==> flow/design.v <==
module core_cmp_rtl (core_clk, A_i, B_i, is_gt_o);
    parameter XLEN = 48;
    input core_clk;
    input [XLEN-1:0] A_i;
    input [XLEN-1:0] B_i;
    output is_gt_o;
    reg [XLEN-1:0] A_ff;
    reg [XLEN-1:0] B_ff;
    reg is_gt_ff;
    always @(posedge core_clk) begin
        A_ff <= A_i;
        B_ff <= B_i;
        is_gt_ff <= (A_ff > B_ff);
    end
    assign is_gt_o = is_gt_ff;
endmodule
* Reports on core_cmp_rtl
The steps from the RTL of core_cmp_rtl to its reports follow in flow order.
Lines are those of the file above, counted from 1.
Operators carry their Yosys type and port widths (W data, S select, Z words).
Library cell names are shortened.
The mark - stands for no value.
- Top module :: core_cmp_rtl
- Clock port :: core_clk
- Cell library :: sky130hd
- Timing corner :: tt_025C_1v80

* Word-level counts
Yosys after proc, flatten, opt, wreduce and memory -nomap, before mapping. Enables and synchronous resets that opt folds into registers are not counted as muxes. Memory bits, and registers merged into a memory's read port (data or address), are not among the register bits. Print and check cells are not counted. Equal cells are merged and count once.
- Magnitude comparators :: 1
** Operators by type and width (count)
- $gt A48 B48 Y1 :: 1
- Bits in registers :: 97
- Output and inout port bits :: 1
- Elaborated cells :: 4

* Longest topological paths
Depth = most cells in a row (Yosys ltp): at word level without a register or memory, in the mapped netlist without a sequential cell, where the memories' decode and read muxes count.
- Word-level depth :: 1
- ABC_AREA :: 0
- Gate-level depth with buffers :: 7

* Mapped cells and area
Yosys stat after the flow's synthesis: flattened, memories mapped to cells. It holds for the ABC_AREA given above (unset counts as 0); a run with the other value may have another netlist.
Totals and module areas in this step are rounded.
** Cells by type
- dfxtp_1 :: count 97, area in all 1.94E+03 um^2
- ha_1 :: count 48, area in all 600.576 um^2
- inv_1 :: count 48, area in all 180.173 um^2
- a21oi_1 :: count 18, area in all 90.086 um^2
- a21o_1 :: count 6, area in all 45.043 um^2
- nand4_2 :: count 3, area in all 37.536 um^2
- and4_1 :: count 4, area in all 35.034 um^2
- nand2_1 :: count 9, area in all 33.782 um^2
- a41o_1 :: count 3, area in all 30.029 um^2
- o21ai_0 :: count 6, area in all 30.029 um^2
- nand3_1 :: count 5, area in all 25.024 um^2
- nand4_4 :: count 1, area in all 21.27 um^2
- nor4_4 :: count 1, area in all 21.27 um^2
- nand4_1 :: count 3, area in all 18.768 um^2
- nor4_2 :: count 1, area in all 12.512 um^2
- a221o_1 :: count 1, area in all 10.01 um^2
- nand3_2 :: count 1, area in all 10.01 um^2
- a221oi_1 :: count 1, area in all 8.758 um^2
Other cell types: 8; their cells: 9.
- Mapped cells :: 265
- Cell area after synthesis :: 3210 um^2
- Sequential part of the area :: 1940 um^2
- Flip-flop cells :: 97
- Buffer cells :: 0

* Timing after synthesis
OpenSTA on the mapped netlist: ideal clock, no wires. The path of least setup slack (recovery checks aside). Input and output delay are each 20% of the period. Register names are those of the netlist, which keeps one name where synthesis merged equal registers.
- Kind :: reg2reg
- From :: register B_ff[31]
- To :: register is_gt_ff
- Clock period :: 1940 ps
- Launch time at the first pin :: 0 ps
- Data arrival time :: 1481 ps
- Path slack :: 385 ps
- Path delay :: 1555 ps
- Stages :: 8
- Buffers on the path :: 0
- Synthesis period reached :: 1555 ps
"path delay" = arrival - input delay + setup time.
"stages" counts driving pins, that of a launching flip-flop among them; a cell with two outputs on the path counts twice.
"synthesis period reached" is the clock period less the worst setup slack; recovery checks do not enter. This is arithmetic on one report: input and output delays are still those of the set period (20% each).
Between the ends stands the longest chain of elaborated cells between them, by number of cells; it is not shown to be the way that was timed. Of several equally long chains one is given.
A line is the first line of the expression or statement that the cell stems from. Yosys adds cells for indexed reads and writes and turns some case tables into memories.
- Path through :: dfxtp_1 > inv_1 > ha_1 > nand4_2 > nor4_2 > nand3_2 > a41o_1 > a31oi_1
- Cells in the longest elaborated chain :: 1
- Elaborated cells between the ends (all ways) :: 1
- Source lines of those cells :: 1
- Classes of those cells :: compare (1)
** Ends and longest elaborated chain, post-synthesis
- from (decl) :: line 8 : reg [XLEN-1:0] B_ff;
- from (assign) :: line 12 : B_ff <= B_i;
- $gt A48 B48 Y1 :: line 13 : is_gt_ff <= (A_ff > B_ff);
- to (assign) :: line 13
- to (decl) :: line 9 : reg is_gt_ff;

* Timing after layout
Path of least setup slack in the final report of run 1 (OpenROAD, finished layout, wires in). Where an end is a register, its clock arrival counts in the times.
The path's times are printed in steps of 10 ps; the period is the one set.
- Kind :: reg2reg
- From :: register B_ff[43]
- To :: register is_gt_ff
- Clock period :: 1210 ps
- Launch time at the first pin :: 350 ps
- Data arrival time :: 2010 ps
- Path slack :: -520 ps
- Stages :: 8
- Buffers on the path :: 0
Between the ends stands the longest chain of elaborated cells between them, by number of cells; it is not shown to be the way that was timed. Of several equally long chains one is given.
- Path through :: dfxtp_1 > inv_1 > ha_4 > nand4_4 > nor4_4 > nand3_2 > a41o_1 > a31oi_1
- Cells in the longest elaborated chain :: 1
- Elaborated cells between the ends (all ways) :: 1
- Source lines of those cells :: 1
- Classes of those cells :: compare (1)
** Ends and longest elaborated chain, post-layout
- from (decl) :: line 8 : reg [XLEN-1:0] B_ff;
- from (assign) :: line 12 : B_ff <= B_i;
- $gt A48 B48 Y1 :: line 13 : is_gt_ff <= (A_ff > B_ff);
- to (assign) :: line 13
- to (decl) :: line 9 : reg is_gt_ff;

==> runs of core_cmp_rtl <==
Flow measurements of core_cmp_rtl on sky130hd: 3 stored runs with different settings, listed in no order. Input and output delays are each 20% of the period that was set; the output load is 0.01 pF.
By "reached clock period" is meant the clock period of the run minus its worst setup slack. This is arithmetic on one report: input and output delays are still those of the set period (20% each).
"worst setup path time": the worst setup path's part of the clock period (all of it between registers, 20% less for each end at a port) less its slack. A launch clock that arrives late makes it longer, a capture clock that arrives late makes it shorter.
"worst setup path time" is given in steps of 10 ps.
The results are shown rounded.

* Run 1
** Files
==> flow/run.sh <==
#!/bin/bash
# the make line also repeats the synthesis and layout settings of config.mk as NAME=value (left out here)
make -C /OpenROAD-flow-scripts/flow DESIGN_CONFIG=/design/flow/config.mk WORK_HOME=/design/flow/orfs CLKGATE_MAP_FILE= finish
==> flow/config.mk <==
export PLATFORM = sky130hd
export DESIGN_NAME = core_cmp_rtl
export DESIGN_NICKNAME = core_cmp_rtl
export VERILOG_FILES = /design/flow/design.v
export SDC_FILE = /design/flow/constraint.sdc
export NUM_CORES = 4
export LEC_CHECK = 0
export CAP_MARGIN = 40
export CELL_PAD_IN_SITES_DETAIL_PLACEMENT = 0
export CORE_MARGIN = 2
export CORE_UTILIZATION = 38
export CTS_CLUSTER_SIZE = 60
export GPL_ROUTABILITY_DRIVEN = 0
export MAX_ROUTING_LAYER = met5
export PLACE_DENSITY_LB_ADDON = 0.22
export SETUP_SLACK_MARGIN = -0.07
export SLEW_MARGIN = 20
==> flow/constraint.sdc <==
create_clock -name core_clock -period 1.21 [get_ports {core_clk}]
set_input_delay 0.2420 -clock core_clock [delete_from_list [all_inputs] [get_ports {core_clk}]]
set_output_delay 0.2420 -clock core_clock [all_outputs]
set_load 0.01 [all_outputs]
** Results
- Yosys chip area after synthesis :: 3210 um^2
- Die size :: 9190 um^2
- Area of the standard cells in the finished layout :: 4790 um^2
- Setup slack of the worst path :: -515 ps
- Lowest hold slack :: 310 ps
- Reached clock period :: 1725 ps
- Worst setup path time :: 1730 ps
- Critical path type :: reg2reg

* Run 2
** Files
==> flow/run.sh <==
#!/bin/bash
# the make line also repeats the synthesis and layout settings of config.mk as NAME=value (left out here)
make -C /OpenROAD-flow-scripts/flow DESIGN_CONFIG=/design/flow/config.mk WORK_HOME=/design/flow/orfs CLKGATE_MAP_FILE= finish
==> flow/config.mk <==
export PLATFORM = sky130hd
export DESIGN_NAME = core_cmp_rtl
export DESIGN_NICKNAME = core_cmp_rtl
export VERILOG_FILES = /design/flow/design.v
export SDC_FILE = /design/flow/constraint.sdc
export NUM_CORES = 4
export LEC_CHECK = 0
export CAP_MARGIN = 20
export CELL_PAD_IN_SITES_DETAIL_PLACEMENT = 2
export CELL_PAD_IN_SITES_GLOBAL_PLACEMENT = 0
export CORE_ASPECT_RATIO = 1.97
export CORE_MARGIN = 2
export CORE_UTILIZATION = 31
export CTS_CLUSTER_DIAMETER = 75
export GPL_ROUTABILITY_DRIVEN = 0
export PLACE_DENSITY = 0.71
export SLEW_MARGIN = 25
export TNS_END_PERCENT = 95
==> flow/constraint.sdc <==
create_clock -name core_clock -period 1.67 [get_ports {core_clk}]
set_input_delay 0.3340 -clock core_clock [delete_from_list [all_inputs] [get_ports {core_clk}]]
set_output_delay 0.3340 -clock core_clock [all_outputs]
set_load 0.01 [all_outputs]
** Results
- Yosys chip area after synthesis :: 3210 um^2
- Die size :: 11200 um^2
- Area of the standard cells in the finished layout :: 4910 um^2
- Setup slack of the worst path :: -73 ps
- Lowest hold slack :: 433 ps
- Reached clock period :: 1743 ps
- Worst setup path time :: 1740 ps
- Critical path type :: reg2reg

* Run 3
** Files
==> flow/run.sh <==
#!/bin/bash
# the make line also repeats the synthesis and layout settings of config.mk as NAME=value (left out here)
make -C /OpenROAD-flow-scripts/flow DESIGN_CONFIG=/design/flow/config.mk WORK_HOME=/design/flow/orfs CLKGATE_MAP_FILE= finish
==> flow/config.mk <==
export PLATFORM = sky130hd
export DESIGN_NAME = core_cmp_rtl
export DESIGN_NICKNAME = core_cmp_rtl
export VERILOG_FILES = /design/flow/design.v
export SDC_FILE = /design/flow/constraint.sdc
export NUM_CORES = 4
export LEC_CHECK = 0
export CAP_MARGIN = 20
export CORE_MARGIN = 2
export CORE_UTILIZATION = 40
export SLEW_MARGIN = 20
==> flow/constraint.sdc <==
create_clock -name core_clock -period 1.94 [get_ports {core_clk}]
set_input_delay 0.3880 -clock core_clock [delete_from_list [all_inputs] [get_ports {core_clk}]]
set_output_delay 0.3880 -clock core_clock [all_outputs]
set_load 0.01 [all_outputs]
** Results
- Yosys chip area after synthesis :: 3210 um^2
- Die size :: 8750 um^2
- Area of the standard cells in the finished layout :: 4500 um^2
- Setup slack of the worst path :: 181 ps
- Lowest hold slack :: 478 ps
- Reached clock period :: 1759 ps
- Worst setup path time :: 1760 ps
- Critical path type :: reg2reg
